==> flow/design.v <==
module gen_chooser_v2 #(
  parameter integer XLEN = 3,
  parameter integer WAYS = 7,
  parameter integer LOGN = $clog2(WAYS)
) (
  input  CLK,
  input  [WAYS*XLEN-1:0] src,
  input  [LOGN-1:0] select,
  output [XLEN-1:0] result
);
  reg [WAYS*XLEN-1:0] r_src;
  reg [LOGN-1:0] r_select;
  reg [XLEN-1:0] nxt;
  integer i;
  always @(*) begin
    nxt = 0;
    for (i = 0; i < WAYS; i = i + 1)
      if (r_select == i) nxt = r_src[i*XLEN +: XLEN];
  end
  reg [XLEN-1:0] r_result;
  assign result = r_result;
  always @(posedge CLK) begin
    r_src <= src;
    r_select <= select;
    r_result <= nxt;
  end
endmodule
== Step by step through the tools: gen_chooser_v2 ==
Tool output for the design above, in the order of the flow.
Lines are those of the file above, counted from 1.
Library cell names are shortened.
A cell with n/a has no value.
Set-up
  top module: gen_chooser_v2
  clock port: CLK
  standard-cell library: sky130hd
  corner: tt_025C_1v80

== Elaborated design ==
Yosys after proc, flatten, opt, wreduce and memory -nomap, before mapping. Enables and synchronous resets that opt folds into registers are not counted as muxes. Memory bits, and registers merged into a memory's read port (data or address), are not among the register bits. Print and check cells are not counted. Equal cells are merged and count once.
Storage and ports
  register bits after elaboration: 27
  bits of input ports: 25
  output and inout port bits: 3
  elaborated cells: 17
Cells by class
  eq/ne operators: 6
  muxes and demuxes: 7
  reductions and logical operators: 1
Operators with widths (number)
  3-bit 2-to-1 mux: 7
  3-bit == test (second input constant): 3
  3-bit by 2-bit == test with 1-bit output (second input constant): 2
  3-bit by 1-bit == test with 1-bit output (second input constant): 1
  3-bit logical NOT: 1

== Longest topological paths ==
Yosys ltp: most cells in a row. Word level: on the elaborated netlist, between registers, memories and ports. Mapped: between sequential cells and ports; inverters and the memories' decode and read muxes count.
Logic depth
  word-level depth: 8
  ABC_AREA: 0
  depth in mapped cells: 4
  gate-level depth less buffers: 3

== Mapped cells and area ==
Source: synth_stat.txt of the flow (Yosys; design flattened, memories mapped). It holds for the ABC_AREA given above (unset counts as 0); a run with the other value may have another netlist.
The area totals of this step are shown rounded.
Mapped netlist
  cell count: 52
  cell area after synthesis: 736 µm²
  sequential part of the area: 541 µm²
  flip-flops: 27
  buffer cells: 1
Cell types
  dfxtp_1: number 27, total area 540.518 µm²
  mux2i_1: number 9, total area 90.086 µm²
  a22o_1: number 3, total area 26.275 µm²
  a31oi_1: number 3, total area 18.768 µm²
  or2_1: number 3, total area 18.768 µm²
  buf_6: number 1, total area 11.261 µm²
  nand2_1: number 3, total area 11.261 µm²
  and2b_2: number 1, total area 8.758 µm²
  nor2b_1: number 1, total area 6.256 µm²
  nor2_1: number 1, total area 3.754 µm²

== Timing after synthesis ==
Source: OpenSTA report_checks on the synthesized netlist (no wires, ideal clock, input and output delay 20% of the period each), path of least setup slack; recovery checks are left aside. Register names are those of the netlist, which keeps one name where synthesis merged equal registers.
Timing after synthesis
  kind: flip-flop to flip-flop
  start point: register r_select[0]
  end point: register r_result[1]
  period: 1.17 ns
  library setup time: 0.074 ns
  time at the first pin: 0.000 ns
  arrival: 0.861 ns
  data required time: 1.096 ns
  setup slack: 0.235 ns
  delay of the path: 0.935 ns
  driving pins on the path: 5
  path buffers: 1
  period reached after synthesis: 0.935 ns
"delay of the path" = arrival - input delay + setup time.
"driving pins on the path": output pins that drive a net of the path, with the launching flip-flop's if there is one; two outputs of one cell count as two.
"period reached after synthesis" is the clock period less the worst setup slack; recovery checks do not enter. This is arithmetic on one report: input and output delays are still those of the set period (20% each).
Between the ends stands the longest chain of elaborated cells between them, by number of cells; it is not shown to be the way that was timed. Of several equally long chains one is given.
A line is the first line of the expression or statement that the cell stems from. Yosys adds cells for indexed reads and writes and turns some case tables into memories.
Between the ends, after synthesis
  cells stage by stage: dfxtp_1 buf_6 mux2i_1 a22o_1 a31oi_1
  length of the longest elaborated chain: 8
  elaborated cells between the ends (all ways): 14
  RTL lines with such cells: 1
  classes of those cells: 6 x eq/ne; 7 x mux; 1 x reduce/logical
Ends and longest elaborated chain, after synthesis
  start, declared: line 12  | reg [LOGN-1:0] r_select;
  start, assigned: line 24  | r_select <= select;
  3-bit logical NOT: line 18  | if (r_select == i) nxt = r_src[i*XLEN +: XLEN];
  3-bit 2-to-1 mux (7 in a row): line 18
  end, assigned: line 25  | r_result <= nxt;
  end, declared: line 20  | reg [XLEN-1:0] r_result;

== Worst path after layout ==
From the final timing report of flow run A: the path of least setup slack in the routed layout; clock arrival at registers is part of the times.
Timing post-layout
  kind: flip-flop to output port
  start point: register r_result[1]
  end point: output result[1]
  period: 1.17 ns
  output delay: 0.23 ns
  time at the first pin: 0.31 ns
  arrival: 0.87 ns
  data required time: 0.94 ns
  setup slack: 0.07 ns
  driving pins on the path: 2
  path buffers: 1
Between the ends, post-layout
  cells stage by stage: dfxtp_1 clkdlybuf4s15_1
  length of the longest elaborated chain: 0
  elaborated cells between the ends (all ways): 0
  RTL lines with such cells: 0
Ends and longest elaborated chain, post-layout
  start, declared: line 20  | reg [XLEN-1:0] r_result;
  start, assigned: line 25  | r_result <= nxt;
  end, declared: line 9  | output [XLEN-1:0] result

Module gen_chooser_v2, platform sky130hd: 3 stored runs of the flow (Yosys, OpenROAD) with differing settings, in no particular order. Input and output delays are each 20% of the period that was set; the output load is 0.01 pF.
"clock period achieved": clock period set for the run, less the worst setup slack. It is reckoned from that one timing run; input and output delays stay at 20% of the period that was set.
"time of the worst setup path" means the part of the period allowed to the worst setup path (the constraints hold back 20% at inputs and 20% at outputs) less its slack; where the path has registers, the arrival times of their clocks count too.
"overall power": no workload was simulated; the value follows from the tool's default switching activity.
Measured values are rounded.

==> flow run A: settings <==
{ "period_ns": 1.17, "CAP_MARGIN": 20, "CORE_MARGIN": 2, "CORE_UTILIZATION": 40, "SLEW_MARGIN": 20 }
==> flow run A: results <==
post-route worst hold slack: 0.346 ns
time of the worst setup path: 0.87 ns
worst setup path type: flip-flop to output port
area inside the die boundary: 2200 µm²
final setup TNS: 0.000 ns
overall power: 1530 µW
post-synthesis cell area: 736 µm²
clock period achieved: 1.100 ns
setup slack of the worst path: 0.070 ns
utilization of the finished layout: 0.622
std-cell area (final layout): 1070 µm²

==> flow run B: settings <==
{ "period_ns": 1.42, "CORE_UTILIZATION": 22, "SETUP_SLACK_MARGIN": 0.1, "PLACE_DENSITY": 0.44, "HOLD_SLACK_MARGIN": -0.07, "GPL_TIMING_DRIVEN": 0, "GPL_ROUTABILITY_DRIVEN": 1, "CTS_CLUSTER_SIZE": 80, "CAP_MARGIN": 10, "MIN_ROUTING_LAYER": "met1", "CORE_MARGIN": 2, "SLEW_MARGIN": 20 }
==> flow run B: results <==
post-route worst hold slack: 0.391 ns
time of the worst setup path: 0.93 ns
worst setup path type: flip-flop to output port
area inside the die boundary: 3820 µm²
final setup TNS: 0.000 ns
overall power: 1270 µW
post-synthesis cell area: 736 µm²
clock period achieved: 1.211 ns
setup slack of the worst path: 0.209 ns
utilization of the finished layout: 0.346
std-cell area (final layout): 1080 µm²

==> flow run C: settings <==
{ "period_ns": 1.15, "CORE_UTILIZATION": 57, "SETUP_SLACK_MARGIN": 0.28, "PLACE_DENSITY_LB_ADDON": 0.28, "CELL_PAD_IN_SITES_GLOBAL_PLACEMENT": 2, "CELL_PAD_IN_SITES_DETAIL_PLACEMENT": 1, "TNS_END_PERCENT": 20, "ABC_AREA": 0, "GPL_ROUTABILITY_DRIVEN": 0, "CAP_MARGIN": 25, "MAX_ROUTING_LAYER": "met5", "CORE_MARGIN": 2, "SLEW_MARGIN": 20 }
==> flow run C: results <==
incomplete, placement halted on FLW-0024
